==> flow/design.v <==
module gen_arith_add_rtl #(
    parameter integer WD = 112
) (
    input  logic core_clk,
    input  logic srst,
    input  logic step,
    input  logic [WD-1:0] u,
    input  logic [WD-1:0] v,
    input  logic cy_in,
    output logic [WD-1:0] res,
    output logic cy
);
    logic [WD-1:0] t;
    logic c;
    always_comb begin
        c = cy_in;
        for (int i = 0; i < WD; i++) begin
            t[i] = u[i] ^ v[i] ^ c;
            c = (u[i] & v[i]) | (c & (u[i] | v[i]));
        end
    end
    always_ff @(posedge core_clk or posedge srst) begin
        if (srst) begin
            res <= '0;
        end else if (step) begin
            res <= t;
        end
    end
    always_ff @(posedge core_clk or posedge srst) begin
        if (srst) begin
            cy <= 1'b0;
        end else if (step) begin
            cy <= c;
        end
    end
endmodule
From RTL to reports: gen_arith_add_rtl:

What the tools print for gen_arith_add_rtl, step after step.
Lines are those of the file above, counted from 1.
Library cell names are shortened.
Not given: n/a

* design top: gen_arith_add_rtl
* clock port: core_clk
* standard-cell library: sky130hd
* corner: tt_025C_1v80

Elaborated design:

Yosys after proc, flatten, opt, wreduce and memory -nomap, before mapping. Enables and synchronous resets that opt folds into registers are not counted as muxes. Memory bits, and registers merged into a memory's read port (data or address), are not among the register bits. Print and check cells are not counted. Equal cells are merged and count once.

* register bits: 113
* bits of input ports: 228
* output and inout port bits: 113
* word-level cells: 674

* bitwise operators: 672

Operators by type and width (number)
* bitwise AND 1 bit: 224
* bitwise OR 1 bit: 224
* XOR 1 bit: 224

Depth:

Longest topological path by Yosys (ltp), each cell counted once; first at word level (registers and memories cut), then after technology mapping (sequential cells cut; the memories' decode and read muxes count).

* depth after elaboration: 225
* ABC_AREA: 0
* depth in mapped cells: 116
* depth with buffers taken out: 116

Netlist:

Source: synth_stat.txt of the flow (Yosys; design flattened, memories mapped). It holds for the ABC_AREA given above (unset counts as 0); a run with the other value may have another netlist.
The area totals of this step are shown rounded.

Cell types
* dfrtp_1: number 113, total area 2.83E+03 µm²
* fa_1: number 112, total area 2242.15 µm²
* mux2_2: number 76, total area 855.821 µm²
* mux2_4: number 34, total area 510.49 µm²
* buf_6: number 6, total area 67.565 µm²
* buf_2: number 7, total area 35.034 µm²
* inv_1: number 8, total area 30.029 µm²
* a21oi_1: number 3, total area 15.014 µm²
* nor2_1: number 3, total area 11.261 µm²

* standard cells after synthesis: 362
* cell area after synthesis: 6600 µm²
* sequential area: 2800 µm²
* flip-flop cells: 113
* buffer cells: 13

Worst setup path after synthesis:

OpenSTA on the mapped netlist: ideal clock, no wires. The path of least setup slack (recovery checks aside). Input and output delay are each 20% of the period. Register names are those of the netlist, which keeps one name where synthesis merged equal registers.

* path type: in2reg
* from: input port u[0]
* to: register res[111]
* clock period: 66.7 ns
* external input delay: 13.340 ns
* setup time: 0.077 ns
* launch time at the first pin: 13.340 ns
* arrival time: 55.938 ns
* required time: 66.623 ns
* path slack: 10.684 ns
* delay of the path: 42.675 ns
* driving pins on the path: 116
* buffers on the path: 0
* period reached after synthesis: 56.016 ns

"delay of the path" = arrival - input delay + setup time.
"driving pins on the path": output pins that drive a net of the path, with the launching flip-flop's if there is one; two outputs of one cell count as two.
"period reached after synthesis" is the clock period less the worst setup slack; recovery checks do not enter. This is arithmetic on one report: input and output delays are still those of the set period (20% each).
The rows between start and end are the longest chain of elaborated cells between them; the timing report does not say that the signal goes this way. Where chains are equally long, one stands for them.
A line is the first line of the expression or statement that the cell stems from. Yosys adds cells for indexed reads and writes and turns some case tables into memories.

* path through: fa_1 -> fa_1 -> fa_1 -> fa_1 -> fa_1 -> fa_1 -> fa_1 -> fa_1 -> fa_1 -> fa_1 -> fa_1 -> fa_1 -> fa_1 -> fa_1 -> fa_1 -> fa_1 -> fa_1 -> fa_1 -> (+80 left out) -> fa_1 -> fa_1 -> fa_1 -> fa_1 -> fa_1 -> fa_1 -> fa_1 -> fa_1 -> fa_1 -> fa_1 -> fa_1 -> inv_1 -> fa_1 -> inv_1 -> fa_1 -> inv_1 -> fa_1 -> a21oi_1
* cells in the longest elaborated chain: 224
* elaborated cells between the ends (all ways): 225
* source lines of those cells: 2
* those cells by class: 225 x logic

RTL lines, path post-synthesis
* start: declaration: RTL line 7 `input  logic [WD-1:0] u,`
* bitwise OR 1 bit: RTL line 19 `c = (u[i] & v[i]) | (c & (u[i] | v[i]));`
* bitwise AND 1 bit: RTL line 19
* bitwise OR 1 bit: RTL line 19
* bitwise AND 1 bit: RTL line 19
* bitwise OR 1 bit: RTL line 19
* bitwise AND 1 bit: RTL line 19
* bitwise OR 1 bit: RTL line 19
* (+210 left out)
* bitwise AND 1 bit: RTL line 19
* bitwise OR 1 bit: RTL line 19
* bitwise AND 1 bit: RTL line 19
* bitwise OR 1 bit: RTL line 19
* bitwise AND 1 bit: RTL line 19
* bitwise OR 1 bit: RTL line 19
* XOR 1 bit: RTL line 18 `t[i] = u[i] ^ v[i] ^ c;`
* end: assignment: RTL line 24 `res <= '0;`
* end: assignment: RTL line 26 `res <= t;`
* end: declaration: RTL line 10 `output logic [WD-1:0] res,`

Path in the finished layout:

Path of least setup slack in the final report of run 1 (OpenROAD, finished layout, wires in). Where an end is a register, its clock arrival counts in the times.

* path type: in2reg
* from: input port u[0]
* to: register res[111]
* clock period: 55.4 ns
* external input delay: 11.08 ns
* setup time: 0.07 ns
* launch time at the first pin: 11.08 ns
* arrival time: 50.75 ns
* required time: 55.76 ns
* path slack: 5.01 ns
* driving pins on the path: 117
* buffers on the path: 1

The rows between start and end are the longest chain of elaborated cells between them; the timing report does not say that the signal goes this way. Where chains are equally long, one stands for them.

* path through: buf_6 -> fa_2 -> fa_2 -> fa_2 -> fa_2 -> fa_2 -> fa_2 -> fa_2 -> fa_2 -> fa_2 -> fa_2 -> fa_2 -> fa_2 -> fa_2 -> fa_2 -> fa_2 -> fa_2 -> fa_2 -> (+81 left out) -> fa_2 -> fa_2 -> fa_2 -> fa_2 -> fa_2 -> fa_2 -> fa_2 -> fa_2 -> fa_2 -> fa_2 -> fa_2 -> inv_2 -> fa_2 -> inv_2 -> fa_1 -> inv_2 -> fa_2 -> a21oi_2
* cells in the longest elaborated chain: 224
* elaborated cells between the ends (all ways): 225
* source lines of those cells: 2
* those cells by class: 225 x logic

RTL lines, path after layout
* start: declaration: RTL line 7 `input  logic [WD-1:0] u,`
* bitwise OR 1 bit: RTL line 19 `c = (u[i] & v[i]) | (c & (u[i] | v[i]));`
* bitwise AND 1 bit: RTL line 19
* bitwise OR 1 bit: RTL line 19
* bitwise AND 1 bit: RTL line 19
* bitwise OR 1 bit: RTL line 19
* bitwise AND 1 bit: RTL line 19
* bitwise OR 1 bit: RTL line 19
* (+210 left out)
* bitwise AND 1 bit: RTL line 19
* bitwise OR 1 bit: RTL line 19
* bitwise AND 1 bit: RTL line 19
* bitwise OR 1 bit: RTL line 19
* bitwise AND 1 bit: RTL line 19
* bitwise OR 1 bit: RTL line 19
* XOR 1 bit: RTL line 18 `t[i] = u[i] ^ v[i] ^ c;`
* end: assignment: RTL line 24 `res <= '0;`
* end: assignment: RTL line 26 `res <= t;`
* end: declaration: RTL line 10 `output logic [WD-1:0] res,`

Flow measurements of gen_arith_add_rtl on sky130hd: 3 stored runs with different settings, listed in no order. Input and output delays are each 20% of the period that was set; the output load is 0.01 pF.
"clock period reached" means the clock period less the worst setup slack. The figure is calculated, with input and output delays left at 20% of the set period.
"time used up by the worst setup path" means the part of the period allowed to the worst setup path (the constraints hold back 20% at inputs and 20% at outputs) less its slack; where the path has registers, the arrival times of their clocks count too.
"total power after layout" is the tool's figure for a default switching activity; nothing was simulated.
The measured numbers are rounded.

### Run 1

==> flow/run.sh <==
#!/bin/bash
# the make line also repeats the synthesis and layout settings of config.mk as NAME=value (left out here)
make -C /OpenROAD-flow-scripts/flow DESIGN_CONFIG=/design/flow/config.mk WORK_HOME=/design/flow/orfs CLKGATE_MAP_FILE= finish
==> flow/config.mk <==
export PLATFORM = sky130hd
export DESIGN_NAME = gen_arith_add_rtl
export DESIGN_NICKNAME = gen_arith_add_rtl
export VERILOG_FILES = /design/flow/design.v
export SDC_FILE = /design/flow/constraint.sdc
export NUM_CORES = 4
export LEC_CHECK = 0
export CAP_MARGIN = 20
export CORE_ASPECT_RATIO = 1.13
export CORE_MARGIN = 2
export CORE_UTILIZATION = 15
export MAX_ROUTING_LAYER = met5
export PLACE_DENSITY_LB_ADDON = 0.18
export SETUP_SLACK_MARGIN = 5.0
export SLEW_MARGIN = 20
==> flow/constraint.sdc <==
create_clock -name core_clock -period 55.4 [get_ports {core_clk}]
set_input_delay 11.0800 -clock core_clock [delete_from_list [all_inputs] [get_ports {core_clk}]]
set_output_delay 11.0800 -clock core_clock [all_outputs]
set_load 0.01 [all_outputs]

Results of run 1:
- Synthesis area: 6,600 µm²
- Total die area: 46,000 µm²
- Area of the standard cells in the finished layout: 11,000 µm²
- Utilization after routing: 26 %
- Worst slack on setup checks: 5.0 ns
- Post-route setup TNS: 0.000 ns
- Worst hold slack: 0.50 ns
- Total power after layout: 350 uW
- Clock period reached: 50.390 ns
- Time used up by the worst setup path: 39.31 ns
- Worst path kind: in2reg

### Run 2

==> flow/run.sh <==
#!/bin/bash
# the make line also repeats the synthesis and layout settings of config.mk as NAME=value (left out here)
make -C /OpenROAD-flow-scripts/flow DESIGN_CONFIG=/design/flow/config.mk WORK_HOME=/design/flow/orfs CLKGATE_MAP_FILE= finish
==> flow/config.mk <==
export PLATFORM = sky130hd
export DESIGN_NAME = gen_arith_add_rtl
export DESIGN_NICKNAME = gen_arith_add_rtl
export VERILOG_FILES = /design/flow/design.v
export SDC_FILE = /design/flow/constraint.sdc
export NUM_CORES = 4
export LEC_CHECK = 0
export CAP_MARGIN = 20
export CORE_MARGIN = 2
export CORE_UTILIZATION = 40
export SLEW_MARGIN = 20
==> flow/constraint.sdc <==
create_clock -name core_clock -period 66.7 [get_ports {core_clk}]
set_input_delay 13.3400 -clock core_clock [delete_from_list [all_inputs] [get_ports {core_clk}]]
set_output_delay 13.3400 -clock core_clock [all_outputs]
set_load 0.01 [all_outputs]

Results of run 2:
- Synthesis area: 6,600 µm²
- Total die area: 18,000 µm²
- Area of the standard cells in the finished layout: 11,000 µm²
- Utilization after routing: 67 %
- Worst slack on setup checks: 8.7 ns
- Post-route setup TNS: 0.000 ns
- Worst hold slack: 0.50 ns
- Total power after layout: 290 uW
- Clock period reached: 58.026 ns
- Time used up by the worst setup path: 44.69 ns
- Worst path kind: in2reg

### Run 3

==> flow/run.sh <==
#!/bin/bash
# the make line also repeats the synthesis and layout settings of config.mk as NAME=value (left out here)
make -C /OpenROAD-flow-scripts/flow DESIGN_CONFIG=/design/flow/config.mk WORK_HOME=/design/flow/orfs CLKGATE_MAP_FILE= finish
==> flow/config.mk <==
export PLATFORM = sky130hd
export DESIGN_NAME = gen_arith_add_rtl
export DESIGN_NICKNAME = gen_arith_add_rtl
export VERILOG_FILES = /design/flow/design.v
export SDC_FILE = /design/flow/constraint.sdc
export NUM_CORES = 4
export LEC_CHECK = 0
export ABC_AREA = 1
export CAP_MARGIN = 20
export CELL_PAD_IN_SITES_DETAIL_PLACEMENT = 2
export CORE_MARGIN = 2
export CORE_UTILIZATION = 57
export GPL_ROUTABILITY_DRIVEN = 0
export GPL_TIMING_DRIVEN = 0
export MAX_ROUTING_LAYER = met4
export MIN_ROUTING_LAYER = met1
export SETUP_SLACK_MARGIN = 5.0
export SLEW_MARGIN = 20
export TNS_END_PERCENT = 80
==> flow/constraint.sdc <==
create_clock -name core_clock -period 91.8 [get_ports {core_clk}]
set_input_delay 18.3600 -clock core_clock [delete_from_list [all_inputs] [get_ports {core_clk}]]
set_output_delay 18.3600 -clock core_clock [all_outputs]
set_load 0.01 [all_outputs]

Outcome of run 3: did not finish, placement stopped with a tool error
